==> flow/design.v <==
module selector_mod (i_clk, resetn, ch_0, ch_1, ch_2, ch_3, ch_4, ch_5, pick, out);
  parameter DW = 12;
  input i_clk;
  input resetn;
  input [DW-1:0] ch_0;
  input [DW-1:0] ch_1;
  input [DW-1:0] ch_2;
  input [DW-1:0] ch_3;
  input [DW-1:0] ch_4;
  input [DW-1:0] ch_5;
  input [4:0] pick;
  output reg [DW-1:0] out;
  reg [DW-1:0] work;
  always @(*) begin
    casez (pick)
      5'b????1: work = ch_0;
      5'b???10: work = ch_1;
      5'b??100: work = ch_2;
      5'b?1000: work = ch_3;
      5'b10000: work = ch_4;
      default: work = ch_5;
    endcase
  end
  always @(posedge i_clk or negedge resetn) begin
    if (!resetn) begin
      out <= 0;
    end else begin
      out <= work;
    end
  end
endmodule
Step by step through the tools: selector_mod

What the tools print for selector_mod, step after step.
Lines are those of the file above, counted from 1.
Library cell names are shortened.
A cell with -- has no value.

Top module: selector_mod
Clock port: i_clk
Cell library: sky130hd
Corner: tt_025C_1v80

After elaboration

Yosys after proc, flatten, opt, wreduce and memory -nomap, before mapping. Enables and synchronous resets that opt folds into registers are not counted as muxes. Memory bits, and registers merged into a memory's read port (data or address), are not among the register bits. Print and check cells are not counted. Equal cells are merged and count once.

Register bits after elaboration: 12
Bits of input ports: 79
Output and inout port bits: 12
Word-level cells: 6

Equal/unequal tests: 4
Mux-type cells: 1

Operators with widths:

| operator                                    | number |
| 12-bit case mux with 5-bit select           | 1 |
| 5-bit equality test (second input constant) | 1 |
| 4-bit equality test (second input constant) | 1 |
| 3-bit equality test (second input constant) | 1 |
| 2-bit equality test (second input constant) | 1 |

Logic depth

Yosys ltp: most cells in a row. Word level: on the elaborated netlist, between registers, memories and ports. Mapped: between sequential cells and ports; inverters and the memories' decode and read muxes count.

Depth after elaboration: 2
ABC_AREA: 0
Gate-level depth with buffers: 5

Mapped cells and area

The flow's flattened synthesis, as Yosys stat reports it; memories are mapped. The netlist is that of the ABC_AREA named above (0 if unset); the other value can give another one.

Cell types:

| cell type | number |
| dfrtp_1   | 12 |
| a2bb2oi_2 | 10 |
| a22oi_2   | 10 |
| a22o_1    | 12 |
| nand3b_1  | 12 |
| nand2b_1  | 12 |
| a21oi_1   | 12 |
| inv_1     | 12 |
| buf_6     | 3 |
| nor4b_4   | 1 |
| nor4_4    | 1 |
| a2bb2oi_1 | 2 |
| a22oi_1   | 2 |
| buf_4     | 2 |
| clkbuf_1  | 3 |
| buf_2     | 2 |
| nand2b_2  | 1 |

Cells in the netlist: 109
Synthesis area: 1107.3 um^2
Area of sequential cells: 300.3 um^2
Flip-flops: 12

Worst setup path after synthesis

Source: OpenSTA report_checks on the synthesized netlist (no wires, ideal clock, input and output delay 20% of the period each), path of least setup slack; recovery checks are left aside. Register names are those of the netlist, which keeps one name where synthesis merged equal registers.

Path kind: input-to-reg
Start point: input port pick[0]
End point: register out[0]
Clock period: 1440 ps
Setup time: 121 ps
Launch time at the first pin: 288 ps
Arrival time: 1088 ps
Data required time: 1319 ps
Slack: 230 ps
Delay of the path: 921 ps
Driving pins on the path: 5
Synthesis period reached: 1210 ps

"delay of the path" is the arrival time less input delay plus setup time.
"driving pins on the path": output pins that drive a net of the path, with the launching flip-flop's if there is one; two outputs of one cell count as two.
"synthesis period reached" is the clock period less the worst setup slack; recovery checks do not enter. This is arithmetic on one report: input and output delays are still those of the set period (20% each).
The rows between start and end are the longest chain of elaborated cells between them; the timing report does not say that the signal goes this way. Where chains are equally long, one stands for them.
Each line given opens the expression or statement behind the cell; cells for indexed reads and writes are added by Yosys, which also makes memories of some case tables.

Cells stage by stage: buf_6 -> nor4_4 -> nand2b_2 -> buf_6 -> a2bb2oi_2
Length of the longest elaborated chain: 2
Elaborated cells on any way between the ends: 5
Source lines of those cells: 1
Those cells by class: eq/ne (4); mux (1)

Ends and longest elaborated chain, post-synthesis:

| element                           | line | RTL |
| start: declaration                | 11   | `input [4:0] pick;` |
| 5-bit equality test               | 15   | `casez (pick)` |
| 12-bit case mux with 5-bit select | 15   |  |
| end: assignment                   | 26   | `out <= 0;` |
| end: assignment                   | 28   | `out <= work;` |
| end: declaration                  | 12   | `output reg [DW-1:0] out;` |

Worst path after layout

Path of least setup slack in the final report of run A (OpenROAD, finished layout, wires in). Where an end is a register, its clock arrival counts in the times.
The report prints the path's times to 10 ps; the period is as set.

Path kind: reg-to-output
Start point: register out[0]
End point: output port out[0]
Clock period: 1440 ps
Launch time at the first pin: 280 ps
Arrival time: 1130 ps
Data required time: 1150 ps
Slack: 20 ps
Driving pins on the path: 2

Cells stage by stage: dfrtp_1 -> clkdlybuf4s50_1
Length of the longest elaborated chain: 0
Elaborated cells on any way between the ends: 0
Source lines of those cells: 0

Ends and longest elaborated chain, after layout:

| element            | line | RTL |
| start: declaration | 12   | `output reg [DW-1:0] out;` |
| start: assignment  | 26   | `out <= 0;` |
| start: assignment  | 28   | `out <= work;` |
| end: declaration   | 12   |  |

Add stored flow runs of selector_mod

Below are 3 stored runs of the flow (Yosys, OpenROAD; platform sky130hd) on selector_mod, each with its settings and what was measured, unordered. Constraints: input delay and output delay 20% of the set period each, output load 0.01 pF.
"reached clock period" = clock period - worst setup slack. The figure is calculated, with input and output delays left at 20% of the set period.
"time used up by the worst setup path" means the part of the period allowed to the worst setup path (the constraints hold back 20% at inputs and 20% at outputs) less its slack; where the path has registers, the arrival times of their clocks count too.
By "power" is meant OpenSTA's value without simulated activity: inputs other than the clock are taken to toggle once in ten clock periods, and the tool carries that through the logic.
"time used up by the worst setup path" is given in steps of 10 ps.

## Run A

==> flow/run.sh <==
#!/bin/bash
# the make line also repeats the synthesis and layout settings of config.mk as NAME=value (left out here)
make -C /OpenROAD-flow-scripts/flow DESIGN_CONFIG=/design/flow/config.mk WORK_HOME=/design/flow/orfs CLKGATE_MAP_FILE= finish
==> flow/config.mk <==
export PLATFORM = sky130hd
export DESIGN_NAME = selector_mod
export DESIGN_NICKNAME = selector_mod
export VERILOG_FILES = /design/flow/design.v
export SDC_FILE = /design/flow/constraint.sdc
export NUM_CORES = 4
export LEC_CHECK = 0
export CAP_MARGIN = 20
export CORE_MARGIN = 2
export CORE_UTILIZATION = 40
export SLEW_MARGIN = 20
==> flow/constraint.sdc <==
create_clock -name core_clock -period 1.44 [get_ports {i_clk}]
set_input_delay 0.2880 -clock core_clock [delete_from_list [all_inputs] [get_ports {i_clk}]]
set_output_delay 0.2880 -clock core_clock [all_outputs]
set_load 0.01 [all_outputs]

| result of run A | value |
|---|---|
| std-cell area (final layout) | 2123.3 um^2 |
| synthesized cell area | 1107.3 um^2 |
| time used up by the worst setup path | 1130 ps |
| kind of the worst setup path | reg-to-output |
| reached clock period | 1419 ps |
| setup slack of the critical path | 21 ps |
| utilization after routing | 0.79 |
| total negative slack | 0 ps |
| die footprint | 3205.3 um^2 |
| power | 1169 uW |

## Run B

==> flow/run.sh <==
#!/bin/bash
# the make line also repeats the synthesis and layout settings of config.mk as NAME=value (left out here)
make -C /OpenROAD-flow-scripts/flow DESIGN_CONFIG=/design/flow/config.mk WORK_HOME=/design/flow/orfs CLKGATE_MAP_FILE= finish
==> flow/config.mk <==
export PLATFORM = sky130hd
export DESIGN_NAME = selector_mod
export DESIGN_NICKNAME = selector_mod
export VERILOG_FILES = /design/flow/design.v
export SDC_FILE = /design/flow/constraint.sdc
export NUM_CORES = 4
export LEC_CHECK = 0
export ABC_AREA = 1
export CAP_MARGIN = 10
export CORE_ASPECT_RATIO = 0.93
export CORE_MARGIN = 2
export CORE_UTILIZATION = 33
export CTS_CLUSTER_SIZE = 55
export GPL_ROUTABILITY_DRIVEN = 0
export GPL_TIMING_DRIVEN = 0
export MIN_ROUTING_LAYER = met1
export PLACE_DENSITY = 0.64
export SETUP_SLACK_MARGIN = 0.41
export SLEW_MARGIN = 20
==> flow/constraint.sdc <==
create_clock -name core_clock -period 2.1 [get_ports {i_clk}]
set_input_delay 0.4200 -clock core_clock [delete_from_list [all_inputs] [get_ports {i_clk}]]
set_output_delay 0.4200 -clock core_clock [all_outputs]
set_load 0.01 [all_outputs]

| result of run B | value |
|---|---|
| std-cell area (final layout) | 2059.5 um^2 |
| synthesized cell area | 1052.3 um^2 |
| time used up by the worst setup path | 1160 ps |
| kind of the worst setup path | reg-to-output |
| reached clock period | 1584 ps |
| setup slack of the critical path | 516 ps |
| utilization after routing | 0.688 |
| total negative slack | 0 ps |
| die footprint | 3656.7 um^2 |
| power | 784 uW |

## Run C

==> flow/run.sh <==
#!/bin/bash
# the make line also repeats the synthesis and layout settings of config.mk as NAME=value (left out here)
make -C /OpenROAD-flow-scripts/flow DESIGN_CONFIG=/design/flow/config.mk WORK_HOME=/design/flow/orfs CLKGATE_MAP_FILE= finish
==> flow/config.mk <==
export PLATFORM = sky130hd
export DESIGN_NAME = selector_mod
export DESIGN_NICKNAME = selector_mod
export VERILOG_FILES = /design/flow/design.v
export SDC_FILE = /design/flow/constraint.sdc
export NUM_CORES = 4
export LEC_CHECK = 0
export CAP_MARGIN = 20
export CELL_PAD_IN_SITES_GLOBAL_PLACEMENT = 0
export CORE_ASPECT_RATIO = 0.79
export CORE_MARGIN = 6
export CORE_UTILIZATION = 42
export CTS_CLUSTER_DIAMETER = 44
export PLACE_DENSITY_LB_ADDON = 0.24
export SLEW_MARGIN = 20
==> flow/constraint.sdc <==
create_clock -name core_clock -period 1.16 [get_ports {i_clk}]
set_input_delay 0.2320 -clock core_clock [delete_from_list [all_inputs] [get_ports {i_clk}]]
set_output_delay 0.2320 -clock core_clock [all_outputs]
set_load 0.01 [all_outputs]

| result of run C | value |
|---|---|
| std-cell area (final layout) | 2072.0 um^2 |
| synthesized cell area | 1107.3 um^2 |
| time used up by the worst setup path | 910 ps |
| kind of the worst setup path | input-to-reg |
| reached clock period | 1141 ps |
| setup slack of the critical path | 19 ps |
| utilization after routing | 0.89 |
| total negative slack | 0 ps |
| die footprint | 4021.5 um^2 |
| power | 1369 uW |
